==> flow/design.v <==
module alu_arith_add_top #(
   parameter integer DWIDTH = 40
) (
   input  wire clk,
   input  wire rst_n,
   input  wire [DWIDTH-1:0] op_a,
   input  wire [DWIDTH-1:0] op_b,
   input  wire [DWIDTH-1:0] op_c,
   output reg [DWIDTH+1:0] o
);
   wire [DWIDTH-1:0] nxt = op_a ^ op_b ^ op_c;
   wire [DWIDTH-1:0] chain = (op_a & op_b) | (op_a & op_c) | (op_b & op_c);
   always @(posedge clk or negedge rst_n) begin
      if (!rst_n) begin
         o <= 0;
      end else begin
         o <= nxt + {chain, 1'b0};
      end
   end
endmodule
# == Tool chain data of alu_arith_add_top ==
# The steps from the RTL of alu_arith_add_top to its reports follow in flow order.
# Line numbers count from 1 in the design file above.
# Not given: --
# inputs
top,alu_arith_add_top
clock_port,clk
library,sky130hd
pvt_corner,tt_025C_1v80

# == After elaboration ==
# Counts by Yosys on the flattened word-level netlist (proc, flatten, opt, wreduce; memories kept). Register bits leave out memories and registers merged into their read ports (data or address); mux counts leave out enables and synchronous resets folded into registers. Print and check cells are left out. Cells with the same type and inputs are merged into one.
# bits
output_inout_bits,42
wordCells,9
inputBits,122
regBits,42
# op_classes
addsub,1
n_logic,7
# ops
operator,count
AND 40 bit,3
OR 40 bit,2
XOR 40 bit,2
adder 40 x 41 -> 42 bit,1

# == Depth ==
# Longest topological path by Yosys (ltp), each cell counted once; first at word level (registers and memories cut), then after technology mapping (sequential cells cut; the memories' decode and read muxes count).
# depth
word_depth,4
ABC_AREA,0
depth_mapped,13
mapped_depth_nobuf,13

# == Mapped cells and area ==
# Source: synth_stat.txt of the flow (Yosys; design flattened, memories mapped). It holds for the ABC_AREA given above (unset counts as 0); a run with the other value may have another netlist.
# by_type
cell,count,type_area_um2
sky130_fd_sc_hd__dfrtp_1,42,1.05E+03
sky130_fd_sc_hd__fa_1,41,820.787
sky130_fd_sc_hd__ha_1,39,487.968
sky130_fd_sc_hd__a21o_1,27,202.694
sky130_fd_sc_hd__xnor2_1,23,201.443
sky130_fd_sc_hd__a21oi_1,37,185.178
sky130_fd_sc_hd__xor2_1,11,96.342
sky130_fd_sc_hd__o21ai_0,18,90.086
sky130_fd_sc_hd__nand2_1,22,82.579
sky130_fd_sc_hd__inv_1,21,78.826
sky130_fd_sc_hd__nor2_1,19,71.318
sky130_fd_sc_hd__a211oi_1,7,52.55
sky130_fd_sc_hd__a31oi_1,8,50.048
sky130_fd_sc_hd__and3_1,7,43.792
sky130_fd_sc_hd__nand4_1,5,31.28
sky130_fd_sc_hd__nand3_1,6,30.029
sky130_fd_sc_hd__o31ai_1,4,30.029
sky130_fd_sc_hd__o211ai_1,3,22.522
# Other cell types: 34; their cells: 46.
# synth_totals
synth_area_um2,4027.6
buf_cells,5
cells,386
flip_flops,42
seqArea_um2,1051.0

# == Worst setup path after synthesis ==
# Path of least setup slack by OpenSTA after synthesis, without wires, with an ideal clock, recovery checks aside; 20% of the period is set as input and as output delay. Where synthesis merged equal registers, the netlist keeps one of their names.
# synth_path
path_type,input to register
from,input op_a[1]
to,register o[23]
required_ns,4.500
driving_pins,11
period_ns,4.57
path_slack_ns,0.734
arrival_ns,3.766
t_first_pin_ns,0.914
path_buffers,0
setup_ns,0.070
input_delay_ns,0.914
path_delay_ns,2.922
synth_period_reached_ns,3.836
# "path_delay_ns" is the arrival time less input delay plus setup time.
# "driving_pins": output pins that drive a net of the path, with the launching flip-flop's if there is one; two outputs of one cell count as two.
# "synth_period_reached_ns" is the clock period less the worst setup slack; recovery checks do not enter. This is arithmetic on one report: input and output delays are still those of the set period (20% each).
# The rows between start and end are the longest chain of elaborated cells between them; the timing report does not say that the signal goes this way. Where chains are equally long, one stands for them.
# Each line given opens the expression or statement behind the cell; cells for indexed reads and writes are added by Yosys, which also makes memories of some case tables.
# synth_between
cell_sequence,sky130_fd_sc_hd__fa_1 > sky130_fd_sc_hd__ha_1 > sky130_fd_sc_hd__fa_1 > sky130_fd_sc_hd__a21o_1 > sky130_fd_sc_hd__a221oi_2 > sky130_fd_sc_hd__o21ai_2 > sky130_fd_sc_hd__a31o_4 > sky130_fd_sc_hd__o31ai_4 > sky130_fd_sc_hd__a31oi_1 > sky130_fd_sc_hd__or4b_1 > sky130_fd_sc_hd__nand4_1
elab_chain_cells,4
cone_cells,7
lines_between,3
cone_classes,1 x add/sub; 6 x logic
# synth_lines
item,line,source
from (decl),6,"input  wire [DWIDTH-1:0] op_a,"
AND 40 bit,12,wire [DWIDTH-1:0] chain = (op_a & op_b) | (op_a & op_c) | (op_b & op_c);
OR 40 bit x2,12,
adder 40 x 41 -> 42 bit,17,"o <= nxt + {chain, 1'b0};"
to (assign),15,o <= 0;
to (assign),17,
to (decl),9,output reg [DWIDTH+1:0] o

# == Timing after layout ==
# From the final timing report of run 2: the path of least setup slack in the routed layout; clock arrival at registers is part of the times.
# layout_path
path_type,input to register
from,input op_a[1]
to,register o[41]
period_ns,4.57
input_delay_ns,0.91
required_ns,4.74
driving_pins,12
path_slack_ns,0.40
arrival_ns,4.34
t_first_pin_ns,0.91
path_buffers,1
setup_ns,0.12
# The rows between start and end are the longest chain of elaborated cells between them; the timing report does not say that the signal goes this way. Where chains are equally long, one stands for them.
# layout_between
cell_sequence,sky130_fd_sc_hd__clkdlybuf4s50_1 > sky130_fd_sc_hd__fa_1 > sky130_fd_sc_hd__ha_1 > sky130_fd_sc_hd__fa_1 > sky130_fd_sc_hd__a21o_1 > sky130_fd_sc_hd__a221oi_2 > sky130_fd_sc_hd__o21ai_2 > sky130_fd_sc_hd__a31oi_4 > sky130_fd_sc_hd__o221a_2 > sky130_fd_sc_hd__o211ai_2 > sky130_fd_sc_hd__a311oi_2 > sky130_fd_sc_hd__o21ai_0
elab_chain_cells,4
cone_cells,7
lines_between,3
cone_classes,1 x add/sub; 6 x logic
# layout_lines
item,line,source
from (decl),6,"input  wire [DWIDTH-1:0] op_a,"
AND 40 bit,12,wire [DWIDTH-1:0] chain = (op_a & op_b) | (op_a & op_c) | (op_b & op_c);
OR 40 bit x2,12,
adder 40 x 41 -> 42 bit,17,"o <= nxt + {chain, 1'b0};"
to (assign),15,o <= 0;
to (assign),17,
to (decl),9,output reg [DWIDTH+1:0] o

# Stored flow runs of alu_arith_add_top (3 of them; Yosys, OpenROAD, sky130hd). They differ in their settings and are not a sequence. Constraints: input delay and output delay 20% of the set period each, output load 0.01 pF.
# "period_reached_ns": clock period set for the run, less the worst setup slack. It is reckoned from that one timing run; input and output delays stay at 20% of the period that was set.
# "worstPathTime_ns": the worst setup path's part of the clock period (all of it between registers, 20% less for each end at a port) less its slack. A launch clock that arrives late makes it longer, a capture clock that arrives late makes it shorter.
# "power.total_uw": no workload was simulated; the value follows from the tool's default switching activity.
# Among the settings, -- means not set for that run.
# Results: -- = not shown.
run,period_ns,CORE_UTILIZATION,SETUP_SLACK_MARGIN,CELL_PAD_IN_SITES_GLOBAL_PLACEMENT,ABC_AREA,GPL_TIMING_DRIVEN,CTS_CLUSTER_DIAMETER,CAP_MARGIN,CORE_MARGIN,SLEW_MARGIN,PLACE_DENSITY_LB_ADDON,MAX_ROUTING_LAYER,synth_area_um2,final_die_area_um2,finalCellArea_um2,util_pct,worstSetupSlack_ns,tns_setup_ns,power.total_uw,period_reached_ns,worstPathTime_ns,path_kind
run 1,4.5,52,0.56,2,0,1,122,20,2,20,--,--,--,--,--,--,--,--,--,--,--,--
run 2,4.57,40,--,--,--,--,--,20,2,20,--,--,4027.6,10887.9,5929.4,60.7,0.398,0.000,2245,4.172,3.26,input to register
run 3,6.56,42,1.73,2,--,--,--,20,2,20,0.03,met5,--,--,--,--,--,--,--,--,--,--
# Run 1: not finished: placement ended with error GPL-0301
# Run 3: not finished: placement ended with error FLW-0024
